==> flow/design.v <==
module adder_blk (ck, rst_i, a_i, b_i, carry_in_i, o_o, co_o);
  parameter integer BITS = 6;
  input ck;
  input rst_i;
  input [BITS-1:0] a_i;
  input [BITS-1:0] b_i;
  input carry_in_i;
  output [BITS-1:0] o_o;
  output co_o;
  reg [BITS-1:0] a_reg;
  reg [BITS-1:0] b_reg;
  reg carry_in_reg;
  wire [BITS-1:0] r;
  wire [BITS:0] cc;
  assign cc[0] = carry_in_reg;
  genvar g;
  generate
    for (g = 0; g < BITS; g = g + 1) begin : gen
      adder_blk_full_adder el (.a(a_reg[g]), .b(b_reg[g]), .ci(cc[g]), .s(r[g]), .co(cc[g+1]));
    end
  endgenerate
  assign o_o = r;
  assign co_o = cc[BITS];
  always @(posedge ck) begin
    if (rst_i) begin
      a_reg <= 0;
      b_reg <= 0;
      carry_in_reg <= 1'b0;
    end else begin
      a_reg <= a_i;
      b_reg <= b_i;
      carry_in_reg <= carry_in_i;
    end
  end
endmodule
module adder_blk_full_adder (
  input wire a,
  input wire b,
  input wire ci,
  output wire s,
  output wire co
);
  wire p = a ^ b;
  assign s = p ^ ci;
  assign co = p ? ci : a;
endmodule
# Tool chain data of adder_blk
# Module adder_blk in several versions that differ in "BITS"; each step lists the members.
# The file above is the member BITS = 6. Line numbers count from 1 in each member's own file.
# Operators: Yosys type, input widths -> output width; for muxes data width and select width s.
# Cell names lack the library's common part.
# The mark - stands for no value.
dict set report inputs {
  design {adder_blk}
  clock_port {ck}
  library {sky130hd}
  corner {tt_025C_1v80}
}

# Source of the members
# New or changed lines of each further member against the RTL above, in its own file; lines it lacks are not shown.
# BITS line
set changed_lines {}
lappend changed_lines {12 2} ;# parameter integer BITS = 12;
lappend changed_lines {20 2} ;# parameter integer BITS = 20;
lappend changed_lines {24 2} ;# parameter integer BITS = 24;
lappend changed_lines {80 2} ;# parameter integer BITS = 80;

# Elaborated design
# Counts by Yosys on the flattened word-level netlist (proc, flatten, opt, wreduce; memories kept). Register bits leave out memories and registers merged into their read ports (data or address); mux counts leave out enables and synchronous resets folded into registers. Print and check cells are left out. Cells with the same type and inputs are merged into one.
# BITS regBits out_inout_bits in_bits elab_cells
set word_totals {}
lappend word_totals {6 13 7 15 21}
lappend word_totals {12 25 13 27 39}
lappend word_totals {20 41 21 43 63}
lappend word_totals {24 49 25 51 75}
lappend word_totals {80 161 81 163 243}
# BITS bitwise muxes
set op_classes {}
lappend op_classes {6 12 6}
lappend op_classes {12 24 12}
lappend op_classes {20 40 20}
lappend op_classes {24 48 24}
lappend op_classes {80 160 80}
# BITS operators
set ops {}
lappend ops {6 {12 x $xor 1x1->1; 6 x $mux 1}}
lappend ops {12 {24 x $xor 1x1->1; 12 x $mux 1}}
lappend ops {20 {40 x $xor 1x1->1; 20 x $mux 1}}
lappend ops {24 {48 x $xor 1x1->1; 24 x $mux 1}}
lappend ops {80 {160 x $xor 1x1->1; 80 x $mux 1}}

# Longest topological paths
# Depth = most cells in a row (Yosys ltp): at word level without a register or memory, in the mapped netlist without a sequential cell, where the memories' decode and read muxes count.
# BITS ltp_word ABC_AREA depth_mapped ltp_nobuf
set depth {}
lappend depth {6 7 0 6 5}
lappend depth {12 13 0 9 8}
lappend depth {20 21 0 11 10}
lappend depth {24 25 0 12 11}
lappend depth {80 81 0 23 21}

# Mapped cells and area
# The flow's flattened synthesis, as Yosys stat reports it; memories are mapped. The netlist is that of the ABC_AREA named above (0 if unset); the other value can give another one.
# Totals and module areas in this step are rounded.
# BITS mapped_area_um2 ff_cells mapped_cells buf_cells
set synth_totals {}
lappend synth_totals {6 600.6 13 57 7}
lappend synth_totals {12 1315 25 135 16}
lappend synth_totals {20 2107 41 228 24}
lappend synth_totals {24 2580 49 277 29}
lappend synth_totals {80 8622 161 938 100}
# BITS cell_types
set types {}
lappend types {6 {13 x dfxtp_1; 12 x xnor2_1; 13 x nor2b_1; 6 x buf_4; 2 x maj3_2; 2 x a22o_1; 1 x a221oi_2; 1 x maj3_1; 1 x o22a_1; 1 x a211oi_1; 1 x a21o_1; 1 x o21a_1; 1 x nor3_1; 1 x clkbuf_1; 1 x nor2_1}}
lappend types {12 {25 x dfxtp_1; 20 x xnor2_1; 25 x nor2b_1; 12 x buf_4; 3 x maj3_2; 3 x maj3_1; 3 x xor2_1; 3 x o211ai_1; 1 x a31oi_4; 2 x o2111ai_1; 2 x o311ai_0; 4 x nand2_1; 1 x o221ai_2; 2 x and2_1; 1 x o211ai_2; 2 x o22ai_1; 3 x nor2_1; 1 x o2111a_1; [+22]}}
lappend types {20 {41 x dfxtp_1; 35 x xnor2_1; 41 x nor2b_1; 20 x buf_4; 7 x maj3_1; 18 x nor2_1; 9 x a21oi_1; 4 x xor2_1; 3 x maj3_2; 7 x nand2_1; 5 x o21ai_0; 4 x or2_2; 3 x a22oi_1; 3 x o31ai_1; 3 x and2_1; 2 x or3b_2; 1 x o32ai_2; 4 x clkbuf_1; [+18]}}
lappend types {24 {49 x dfxtp_1; 47 x xnor2_1; 49 x nor2b_1; 24 x buf_4; 9 x maj3_1; 14 x nand2_1; 4 x maj3_2; 7 x and2_1; 11 x nor2_1; 5 x and3_1; 5 x or3_1; 6 x a21oi_1; 3 x o2111ai_1; 3 x o21a_1; 2 x o221a_1; 2 x o41a_1; 4 x o21ai_0; 5 x clkbuf_1; [+28]}}
lappend types {80 {161 x dfxtp_1; 140 x xnor2_1; 163 x nor2b_1; 80 x buf_4; 47 x maj3_1; 64 x nand2_1; 45 x nor2_1; 18 x xor2_1; 22 x o21ai_0; 19 x a21oi_1; 15 x o22ai_1; 10 x a22oi_1; 20 x inv_1; 18 x clkbuf_1; 8 x o211ai_1; 2 x o41ai_4; 7 x or2_2; 5 x a211oi_1; [+94]}}
# The mark [+n] counts cells that are not listed.
# The figures by module come from a second, unflattened synthesis with its own total; it is not the netlist above.
# BITS hier_cells area_unflattened_um2
set unflattened {}
lappend unflattened {6 39 598.1}
lappend unflattened {12 76 1079}
lappend unflattened {20 126 1773}
lappend unflattened {24 151 2136}
lappend unflattened {80 500 7550}

# Timing after synthesis
# OpenSTA on the mapped netlist: ideal clock, no wires. The path of least setup slack (recovery checks aside). Input and output delay are each 20% of the period. Register names are those of the netlist, which keeps one name where synthesis merged equal registers.
# BITS kind start end slack_ns driving_pins tclk_ns delay_ns period_less_setup_slack_ns
set synth_path {}
lappend synth_path {6 reg2out {register a_reg[0]} {output co_o} 0.378 6 2.38 1.526 2.002}
lappend synth_path {12 reg2out {register b_reg[0]} {output o_o[9]} 0.535 10 3.36 2.153 2.825}
lappend synth_path {20 reg2out {register b_reg[0]} {output o_o[19]} 0.728 12 4.55 2.912 3.822}
lappend synth_path {24 reg2out {register b_reg[0]} {output o_o[13]} 0.758 13 4.75 3.042 3.992}
lappend synth_path {80 reg2out {register b_reg[0]} {output o_o[79]} 1.324 23 8.27 5.292 6.946}
# "delay_ns" = arrival - input delay + setup time.
# A path that ends at an output port has no setup time.
# "driving_pins": output pins that drive a net of the path, with the launching flip-flop's if there is one; two outputs of one cell count as two.
# "period_less_setup_slack_ns" is the clock period less the worst setup slack; recovery checks do not enter. This is arithmetic on one report: input and output delays are still those of the set period (20% each).
# The rows between start and end are the longest chain of elaborated cells between them; the timing report does not say that the signal goes this way. Where chains are equally long, one stands for them.
# Each line given opens the expression or statement behind the cell; cells for indexed reads and writes are added by Yosys, which also makes memories of some case tables.
dict set report synth_via_BITS_6 {
  elab_chain_len 7
}
# element line
set synth_lines_BITS_6 {}
lappend synth_lines_BITS_6 {{from (decl)} 10} ;# reg [BITS-1:0] a_reg;
lappend synth_lines_BITS_6 {{from (assign)} 26} ;# a_reg <= 0;
lappend synth_lines_BITS_6 {{from (assign)} 30} ;# a_reg <= a_i;
lappend synth_lines_BITS_6 {{$xor 1x1->1} 43} ;# wire p = a ^ b;
lappend synth_lines_BITS_6 {{$mux 1 (6 in a row)} 45} ;# assign co = p ? ci : a;
lappend synth_lines_BITS_6 {{to (decl)} 9} ;# output co_o;
dict set report synth_via_BITS_80 {
  elab_chain_len 81
}
# element line
set synth_lines_BITS_80 {}
lappend synth_lines_BITS_80 {{from (decl)} 11} ;# reg [BITS-1:0] b_reg;
lappend synth_lines_BITS_80 {{from (assign)} 27} ;# b_reg <= 0;
lappend synth_lines_BITS_80 {{from (assign)} 31} ;# b_reg <= b_i;
lappend synth_lines_BITS_80 {{$xor 1x1->1} 43} ;# wire p = a ^ b;
lappend synth_lines_BITS_80 {{$mux 1 (79 in a row)} 45} ;# assign co = p ? ci : a;
lappend synth_lines_BITS_80 {{$xor 1x1->1} 44} ;# assign s = p ^ ci;
lappend synth_lines_BITS_80 {{to (decl)} 8} ;# output [BITS-1:0] o_o;

# Path in the finished layout
# Path of least setup slack in the final report of the run of each member (OpenROAD, finished layout, wires in). Where an end is a register, its clock arrival counts in the times.
# BITS kind start end arrival_time_ns driving_pins n_path_buf tclk_ns slack_ns
set layout_path {}
lappend layout_path {6 reg2out {register b_reg[0]} {output co_o} 1.92 7 1 2.38 -0.01}
lappend layout_path {12 reg2out {register a_reg[0]} {output o_o[9]} 2.59 10 1 3.36 0.10}
lappend layout_path {20 reg2out {register b_reg[0]} {output o_o[19]} 3.50 12 1 4.55 0.14}
lappend layout_path {24 reg2out {register carry_in_reg} {output o_o[12]} 3.58 12 1 4.75 0.22}
lappend layout_path {80 reg2out {register b_reg[0]} {output co_o} 6.11 24 2 8.27 0.51}

# Flow runs
# Settings and results of one run of the flow (Yosys, OpenROAD) for each member follow. The constraints put input and output delay at 20% of the set period each and load the outputs with 0.01 pF.
dict set report settings {
  CAP_MARGIN 20
  CORE_MARGIN 2
  CORE_UTILIZATION 40
  SLEW_MARGIN 20
}
# BITS period_ns
set settings_by_member {}
lappend settings_by_member {6 2.38}
lappend settings_by_member {12 3.36}
lappend settings_by_member {20 4.55}
lappend settings_by_member {24 4.75}
lappend settings_by_member {80 8.27}
# BITS setup_tns_ns final_hold_ws_ns finish.stdcell_area_um2 period_reached_ns util_pct synthesis_area_um2 final_power_uw setup_worst_slack_ns design_die_area_um2
set results {}
lappend results {6 -0.012 0.760 873.3 2.392 64.7 600.6 482 -0.012 1828}
lappend results {12 0.000 0.901 1720 3.260 55.9 1315 619.6 0.100 3762}
lappend results {20 0.000 1.171 2771 4.415 54.3 2107 820.2 0.135 5864}
lappend results {24 0.000 1.192 3374 4.528 53.8 2580 967.2 0.222 7108}
lappend results {80 0.000 1.762 11520 7.764 54.6 8622 2104 0.506 22750}
# "period_reached_ns" means the clock period less the worst setup slack. The figure is calculated, with input and output delays left at 20% of the set period.
# "final_power_uw": no workload was simulated; the value follows from the tool's default switching activity.
# The results are shown rounded.
